==> flow/design.v <==
module ex_muxn #(
   parameter integer DWIDTH = 4,
   parameter integer NIN = 4,
   parameter integer SBITS = $clog2(NIN)
) (
   input  wire clock,
   input  wire nrst,
   input  wire [NIN*DWIDTH-1:0] ch,
   input  wire [SBITS-1:0] select,
   output wire [DWIDTH-1:0] z_o
);
   reg [NIN*DWIDTH-1:0] r_ch;
   reg [SBITS-1:0] r_select;
   always @(posedge clock or negedge nrst) begin
      if (~nrst) begin
         r_ch <= 0;
         r_select <= 0;
      end else begin
         r_ch <= ch;
         r_select <= select;
      end
   end
   wire [NIN*DWIDTH-1:0] cur = r_ch >> (r_select * DWIDTH);
   assign z_o = cur[DWIDTH-1:0];
endmodule
## Reports on ex_muxn

Tool output for the design above, in the order of the flow.
Line numbers count from 1 in the design file above.
Operators: Yosys type, input widths -> output width; for muxes data width and select width s.
Library cell names are shortened.
Not given: -

| set-up | value |
|---|---|
| top | ex_muxn |
| clock input | clock |
| library | sky130hd |
| corner | tt_025C_1v80 |

## Elaborated design

Counts by Yosys on the flattened word-level netlist (proc, flatten, opt, wreduce; memories kept). Register bits leave out memories and registers merged into their read ports (data or address); mux counts leave out enables and synchronous resets folded into registers. Print and check cells are left out. Cells with the same type and inputs are merged into one.

| word-level totals | value |
|---|---|
| register bits after elaboration | 18 |
| input port bits | 20 |
| word-level cells | 3 |

| operators by class | value |
|---|---|
| shifts and indexed selects | 1 |

Operator list:

| operator | count |
|---|---|
| $shr 16x4->4 | 1 |

## Depth

Depth = most cells in a row (Yosys ltp): at word level without a register or memory, in the mapped netlist without a sequential cell, where the memories' decode and read muxes count.

| depth | value |
|---|---|
| depth after elaboration | 1 |
| ABC_AREA | 1 |
| gate-level depth with buffers | 5 |

## Synthesis result

Source: synth_stat.txt of the flow (Yosys; design flattened, memories mapped). It holds for the ABC_AREA given above (unset counts as 0); a run with the other value may have another netlist.

| synthesis totals | value |
|---|---|
| cell count | 65 |
| mapped area | 646.9 µm² |
| flip-flop cells | 18 |
| buffer cells | 1 |

Cells by type:

| type | count | area in all (µm²) |
|---|---|---|
| dfrtp_1 | 18 | 450.432 |
| nand2_1 | 20 | 75.072 |
| nand3_1 | 8 | 40.038 |
| inv_1 | 10 | 37.536 |
| inv_2 | 7 | 26.275 |
| buf_6 | 1 | 11.261 |
| inv_4 | 1 | 6.256 |

## Path before layout

Path of least setup slack by OpenSTA after synthesis, without wires, with an ideal clock, recovery checks aside; 20% of the period is set as input and as output delay. Where synthesis merged equal registers, the netlist keeps one of their names.

| timing after synthesis | value |
|---|---|
| kind | reg-to-output |
| from | reg r_select[0] |
| to | out z_o[0] |
| clock period | 1.58 ns |
| external output delay | 0.316 ns |
| data arrival time | 0.734 ns |
| required time | 1.264 ns |
| path slack | 0.530 ns |
| delay of the path | 0.734 ns |
| stages | 6 |
| period reached after synthesis | 1.05 ns |

"delay of the path" is the arrival time less input delay plus setup time.
A path that ends at an output port has no setup time.
"stages" counts driving pins, that of a launching flip-flop among them; a cell with two outputs on the path counts twice.
"period reached after synthesis" = period - worst setup slack (recovery checks aside). The figure is calculated, with input and output delays left at 20% of the set period.
Between the ends stands the longest chain of elaborated cells between them, by number of cells; it is not shown to be the way that was timed. Of several equally long chains one is given.
A line is the first line of the expression or statement that the cell stems from. Yosys adds cells for indexed reads and writes and turns some case tables into memories.

| between the ends, after synthesis | value |
|---|---|
| path through | dfrtp_1 -> buf_6 -> inv_4 -> nand2_1 -> nand3_1 -> nand2_1 |
| length of the longest elaborated chain | 1 |

Ends and longest elaborated chain, after synthesis:

| item | RTL line | RTL |
|---|---|---|
| from (decl) | 13 | `reg [SBITS-1:0] r_select;` |
| from (assign) | 17 | `r_select <= 0;` |
| from (assign) | 20 | `r_select <= select;` |
| $shr 16x4->4 | 23 | `wire [NIN*DWIDTH-1:0] cur = r_ch >> (r_select * DWIDTH);` |
| to (decl) | 10 | `output wire [DWIDTH-1:0] z_o` |

## Worst path after layout

Path of least setup slack in the final report of flow run A (OpenROAD, finished layout, wires in). Where an end is a register, its clock arrival counts in the times.

| timing post-layout | value |
|---|---|
| kind | reg-to-output |
| from | reg r_select[0] |
| to | out z_o[2] |
| clock period | 2.01 ns |
| external output delay | 0.40 ns |
| data arrival time | 1.23 ns |
| required time | 1.61 ns |
| path slack | 0.37 ns |
| stages | 7 |

Between the ends stands the longest chain of elaborated cells between them, by number of cells; it is not shown to be the way that was timed. Of several equally long chains one is given.

| between the ends, post-layout | value |
|---|---|
| path through | dfrtp_2 -> buf_12 -> clkinv_16 -> nand2_2 -> nand3_2 -> nand2_1 -> buf_2 |
| length of the longest elaborated chain | 1 |

Ends and longest elaborated chain, post-layout:

| item | RTL line | RTL |
|---|---|---|
| from (decl) | 13 | `reg [SBITS-1:0] r_select;` |
| from (assign) | 17 | `r_select <= 0;` |
| from (assign) | 20 | `r_select <= select;` |
| $shr 16x4->4 | 23 | `wire [NIN*DWIDTH-1:0] cur = r_ch >> (r_select * DWIDTH);` |
| to (decl) | 10 | `output wire [DWIDTH-1:0] z_o` |

3 stored runs of ex_muxn in the flow (synthesis by Yosys, layout by OpenROAD, sky130hd cells), in arbitrary order. Constraints: input delay and output delay 20% of the set period each, output load 0.01 pF.
"worst setup path time": the worst setup path's part of the clock period (all of it between registers, 20% less for each end at a port) less its slack. A launch clock that arrives late makes it longer, a capture clock that arrives late makes it shorter.
Settings: . = not set for that run.

| stored run | period_ns | CORE_UTILIZATION | SETUP_SLACK_MARGIN | PLACE_DENSITY | CELL_PAD_IN_SITES_GLOBAL_PLACEMENT | ABC_AREA | SLEW_MARGIN | MIN_ROUTING_LAYER | CAP_MARGIN | CORE_MARGIN | PLACE_DENSITY_LB_ADDON | GPL_ROUTABILITY_DRIVEN | CTS_CLUSTER_SIZE | MAX_ROUTING_LAYER | netlist area reported by Yosys (µm²) | final utilization | worst setup path time (ns) | type of the worst setup path | worst setup slack after layout (ns) | area inside the die boundary (µm²) |
|---|---|---|---|---|---|---|---|---|---|---|---|---|---|---|---|---|---|---|---|---|
| flow run A | 2.01 | 27 | 0.42 | 0.78 | 1 | 1 | 30 | met2 | 20 | 2 | . | . | . | . | 646.9 | 0.485 | 1.23 | reg-to-output | 0.375 | 2803.2 |
| flow run B | 1.18 | 29 | 0.06 | . | . | . | 40 | met2 | 20 | 2 | 0.2 | 1 | 12 | met5 | 555.5 | 0.487 | 1.49 | reg-to-output | -0.542 | 2281.5 |
| flow run C | 1.58 | 40 | . | . | . | . | 20 | . | 20 | 2 | . | . | . | . | 555.5 | 0.654 | 1.44 | reg-to-output | -0.178 | 1702.8 |
